==> flow/design.v <==
module la4 (
    input wire [3:0] a,
    input wire [3:0] b,
    input wire ci,
    output wire [3:0] s,
    output wire co
);
    wire [3:0] g = a & b;
    wire [3:0] p = a ^ b;
    wire c1 = g[0] | (p[0] & ci);
    wire c2 = g[1] | (p[1] & g[0]) | (p[1] & p[0] & ci);
    wire c3 = g[2] | (p[2] & g[1]) | (p[2] & p[1] & g[0]) | (p[2] & p[1] & p[0] & ci);
    assign co = g[3] | (p[3] & g[2]) | (p[3] & p[2] & g[1]) | (p[3] & p[2] & p[1] & g[0]) | (&p & ci);
    assign s = p ^ {c3, c2, c1, ci};
endmodule
module gen_add_blk #(
    parameter integer W = 56
) (
    input wire ck,
    input wire [W-1:0] dataa_in,
    input wire [W-1:0] datab_in,
    input wire cy_in_in,
    output reg [W-1:0] o_out,
    output reg carry_out_out
);
    reg [W-1:0] dataa_r;
    reg [W-1:0] datab_r;
    reg cy_in_r;
    always @(posedge ck) begin
        dataa_r <= dataa_in;
        datab_r <= datab_in;
        cy_in_r <= cy_in_in;
    end
    localparam SLICES = W / 4;
    wire [W-1:0] tmp;
    wire [SLICES:0] cy;
    assign cy[0] = cy_in_r;
    genvar i;
    generate
        for (i = 0; i < SLICES; i = i + 1) begin : row
            la4 inst (.a(dataa_r[4*i +: 4]), .b(datab_r[4*i +: 4]), .ci(cy[i]), .s(tmp[4*i +: 4]), .co(cy[i+1]));
        end
    endgenerate
    always @(posedge ck) begin
        o_out <= tmp;
        carry_out_out <= cy[SLICES];
    end
endmodule
# Tool chain data of gen_add_blk
# Tool output for the design above, in the order of the flow.
# Line numbers count from 1 in the design file above.
# Operators carry their Yosys type and port widths (W data, S select, Z words).
# Library cell names are shortened.
# The mark n/a stands for no value.
[setup]
design = "gen_add_blk"
clk_port = "ck"
cell_library = "sky130hd"
pvt_corner = "tt_025C_1v80"

# After elaboration
# Yosys after proc, flatten, opt, wreduce and memory -nomap, before mapping. Enables and synchronous resets that opt folds into registers are not counted as muxes. Memory bits, and registers merged into a memory's read port (data or address), are not among the register bits. Print and check cells are not counted. Equal cells are merged and count once.
[bits]
regBits = 170
in_bits = 114
out_inout_bits = 57
[op_classes]
bitwise = 392
n_reduce_logical = 14
[op_table]
columns = ["cell", "count"]
rows = [
  ["$and A1 B1 Y1", 210],
  ["$or A1 B1 Y1", 140],
  ["$xor A4 B4 Y4", 28],
  ["$and A4 B4 Y4", 14],
  ["$reduce_and A4 Y1", 14],
]

# Depth
# Longest topological path by Yosys (ltp), each cell counted once; first at word level (registers and memories cut), then after technology mapping (sequential cells cut; the memories' decode and read muxes count).
[depth]
ltp_word = 33
ABC_AREA = 1
ltp_mapped = 33

# Mapped cells and area
# The flow's flattened synthesis, as Yosys stat reports it; memories are mapped. The netlist is that of the ABC_AREA named above (0 if unset); the other value can give another one.
[synth_totals]
mapped_cells = 472
mapped_area_mm2 = 0.0057305
ff_cells = 170
[types]
columns = ["type", "count", "area_total_um2"]
rows = [
  ["dfxtp_1", 170, 3.4E+03],
  ["ha_1", 56, 700.672],
  ["fa_1", 14, 280.269],
  ["xor2_1", 27, 236.477],
  ["nand2_1", 53, 198.941],
  ["nand2_4", 17, 191.434],
  ["a21oi_1", 34, 170.163],
  ["xnor2_1", 12, 105.101],
  ["nor2_1", 23, 86.333],
  ["nand3_1", 17, 85.082],
  ["inv_1", 22, 82.579],
  ["nand2_2", 11, 68.816],
  ["o21bai_1", 7, 52.55],
  ["a21oi_2", 2, 17.517],
  ["a211oi_2", 1, 12.512],
  ["nand3_2", 1, 10.01],
  ["a211oi_1", 1, 7.507],
  ["and2_1", 1, 6.256],
]
# Not listed: further types 3, cells in them 3.

# Worst setup path after synthesis
# Source: OpenSTA report_checks on the synthesized netlist (no wires, ideal clock, input and output delay 20% of the period each), path of least setup slack; recovery checks are left aside. Register names are those of the netlist, which keeps one name where synthesis merged equal registers.
[synth_path]
path_type = "register to register"
start = "reg dataa_r[9]"
end = "reg o_out[53]"
period_ns = 3.39
t_first_pin_ns = 0.000
arrival_ns = 2.874
slack_ns = 0.397
delay_ns = 2.993
driving_pins = 28
path_buffers = 0
period_less_setup_slack_ns = 2.993
# "delay_ns" = arrival - input delay + setup time.
# "driving_pins" counts driving pins, that of a launching flip-flop among them; a cell with two outputs on the path counts twice.
# "period_less_setup_slack_ns" is the clock period less the worst setup slack; recovery checks do not enter. This is arithmetic on one report: input and output delays are still those of the set period (20% each).
# The rows between start and end are the longest chain of elaborated cells between them; the timing report does not say that the signal goes this way. Where chains are equally long, one stands for them.
# A line is the first line of the expression or statement that the cell stems from. Yosys adds cells for indexed reads and writes and turns some case tables into memories.
[synth_between]
path_cell_list = "dfxtp_1 > ha_1 > a21oi_2 > nor2_1 > a211oi_2 > nand2_4 > nand2_4 > nand2_4 > nand2_4 > nand2_4 > nand2_4 > nand2_4 > nand2_2 > nand2_4 > nand2_4 > nand2_4 > nand2_2 > nand2_4 > nand2_4 > nand2_4 > nand2_2 > nand2_4 > nand2_4 > nand2_4 > nand2_2 > nand2_4 > fa_1 > xor2_1"
elab_chain_cells = 28
cone_cells = 33
classes_between = "logic: 32; reduce/logical: 1"
[synth_rtl]
columns = ["element", "line", "text"]
rows = [
  ["from (decl)", 26, "reg [W-1:0] dataa_r;"],
  ["from (assign)", 30, "dataa_r <= dataa_in;"],
  ["$and A4 B4 Y4", 8, "wire [3:0] g = a & b;"],
  ["$and A1 B1 Y1", 13, "assign co = g[3] | (p[3] & g[2]) | (p[3] & p[2] & g[1]) | (p[3] & p[2] & p[1] & g[0]) | (&p & ci);"],
  ["$or A1 B1 Y1 (3 in a row)", 13, ""],
  ["$and A1 B1 Y1", 13, ""],
  ["$or A1 B1 Y1", 13, ""],
  ["$and A1 B1 Y1", 13, ""],
  ["$or A1 B1 Y1", 13, ""],
  ["(+12 left out)", "n/a", ""],
  ["$and A1 B1 Y1", 13, ""],
  ["$or A1 B1 Y1", 13, ""],
  ["$and A1 B1 Y1", 13, ""],
  ["$or A1 B1 Y1", 13, ""],
  ["$and A1 B1 Y1", 10, "wire c1 = g[0] | (p[0] & ci);"],
  ["$or A1 B1 Y1", 10, ""],
  ["$xor A4 B4 Y4", 14, "assign s = p ^ {c3, c2, c1, ci};"],
  ["to (assign)", 45, "o_out <= tmp;"],
  ["to (decl)", 23, "output reg [W-1:0] o_out,"],
]

# Path in the finished layout
# Path of least setup slack in the final report of entry A (OpenROAD, finished layout, wires in). Where an end is a register, its clock arrival counts in the times.
[layout_path]
path_type = "register to register"
start = "reg datab_r[7]"
end = "reg o_out[17]"
period_ns = 2.36
t_first_pin_ns = 0.41
arrival_ns = 3.24
slack_ns = -0.58
driving_pins = 21
path_buffers = 9
# The rows between start and end are the longest chain of elaborated cells between them; the timing report does not say that the signal goes this way. Where chains are equally long, one stands for them.
[layout_between]
path_cell_list = "dfxtp_2 > ha_4 > a21oi_2 > nand2_1 > a21oi_2 > nand2_2 > nand2_2 > nand2_4 > nand2_4 > nand2_4 > buf_4 > buf_4 > buf_4 > buf_4 > buf_4 > buf_4 > buf_4 > buf_4 > buf_6 > fa_2 > xor2_1"
elab_chain_cells = 13
cone_cells = 20
classes_between = "logic: 19; reduce/logical: 1"
[layout_rtl]
columns = ["element", "line", "text"]
rows = [
  ["from (decl)", 27, "reg [W-1:0] datab_r;"],
  ["from (assign)", 31, "datab_r <= datab_in;"],
  ["$xor A4 B4 Y4", 9, "wire [3:0] p = a ^ b;"],
  ["$and A1 B1 Y1", 13, "assign co = g[3] | (p[3] & g[2]) | (p[3] & p[2] & g[1]) | (p[3] & p[2] & p[1] & g[0]) | (&p & ci);"],
  ["$or A1 B1 Y1 (4 in a row)", 13, ""],
  ["$and A1 B1 Y1", 13, ""],
  ["$or A1 B1 Y1", 13, ""],
  ["$and A1 B1 Y1", 13, ""],
  ["$or A1 B1 Y1", 13, ""],
  ["$and A1 B1 Y1", 10, "wire c1 = g[0] | (p[0] & ci);"],
  ["$or A1 B1 Y1", 10, ""],
  ["$xor A4 B4 Y4", 14, "assign s = p ^ {c3, c2, c1, ci};"],
  ["to (assign)", 45, "o_out <= tmp;"],
  ["to (decl)", 23, "output reg [W-1:0] o_out,"],
]

# Module gen_add_blk, platform sky130hd: 3 stored runs of the flow (Yosys, OpenROAD) with differing settings, in no particular order. Input and output delays are each 20% of the period that was set; the output load is 0.01 pF.
# "achievedPeriod_ns": clock period set for the run, less the worst setup slack. It is reckoned from that one timing run; input and output delays stay at 20% of the period that was set.
# "worstPathTime_ns" = time allowed to the worst setup path (clock period - input delay - output delay, where it has them) - its slack; a late launch clock adds to it, a late capture clock takes from it.
# "final_power_mw": no workload was simulated; the value follows from the tool's default switching activity.

[[run]]
name = "entry A"
[run.settings]
period_ns = 2.36
CORE_UTILIZATION = 39
SETUP_SLACK_MARGIN = 0.05
PLACE_DENSITY_LB_ADDON = 0.23
CORE_MARGIN = 2
CELL_PAD_IN_SITES_DETAIL_PLACEMENT = 0
TNS_END_PERCENT = 75
ABC_AREA = 1
CTS_CLUSTER_SIZE = 63
CAP_MARGIN = 5
SLEW_MARGIN = 25
MIN_ROUTING_LAYER = "met1"
MAX_ROUTING_LAYER = "met5"
[run.results]
synthesis_area_mm2 = 0.0057305
design.die.area_mm2 = 0.0156788
stdcell_area_mm2 = 0.0090687
util_pct = 62.9
ws_setup_ns = -0.576
tns_setup_ns = -10.089
final_hold_ws_ns = 0.489
final_power_mw = 7.601
achievedPeriod_ns = 2.936
worstPathTime_ns = 2.94
worst_setup_path_type = "register to register"

[[run]]
name = "entry B"
[run.settings]
period_ns = 1.81
CORE_UTILIZATION = 51
SETUP_SLACK_MARGIN = -0.04
PLACE_DENSITY_LB_ADDON = 0.2
CELL_PAD_IN_SITES_DETAIL_PLACEMENT = 0
TNS_END_PERCENT = 100
GPL_ROUTABILITY_DRIVEN = 1
CTS_CLUSTER_SIZE = 94
CTS_CLUSTER_DIAMETER = 48
CAP_MARGIN = 20
CORE_MARGIN = 2
SLEW_MARGIN = 20
[run.results]
synthesis_area_mm2 = 0.0058844
design.die.area_mm2 = 0.0124133
stdcell_area_mm2 = 0.0099333
util_pct = 87.7
ws_setup_ns = -0.998
tns_setup_ns = -30.225
final_hold_ws_ns = 0.373
final_power_mw = 10.404
achievedPeriod_ns = 2.808
worstPathTime_ns = 2.81
worst_setup_path_type = "register to register"

[[run]]
name = "entry C"
[run.settings]
period_ns = 3.39
CAP_MARGIN = 20
CORE_MARGIN = 2
CORE_UTILIZATION = 40
SLEW_MARGIN = 20
[run.results]
synthesis_area_mm2 = 0.0058844
design.die.area_mm2 = 0.0156976
stdcell_area_mm2 = 0.0084419
util_pct = 58.3
ws_setup_ns = 0.318
tns_setup_ns = 0.000
final_hold_ws_ns = 0.542
final_power_mw = 5.262
achievedPeriod_ns = 3.072
worstPathTime_ns = 3.07
worst_setup_path_type = "register to register"
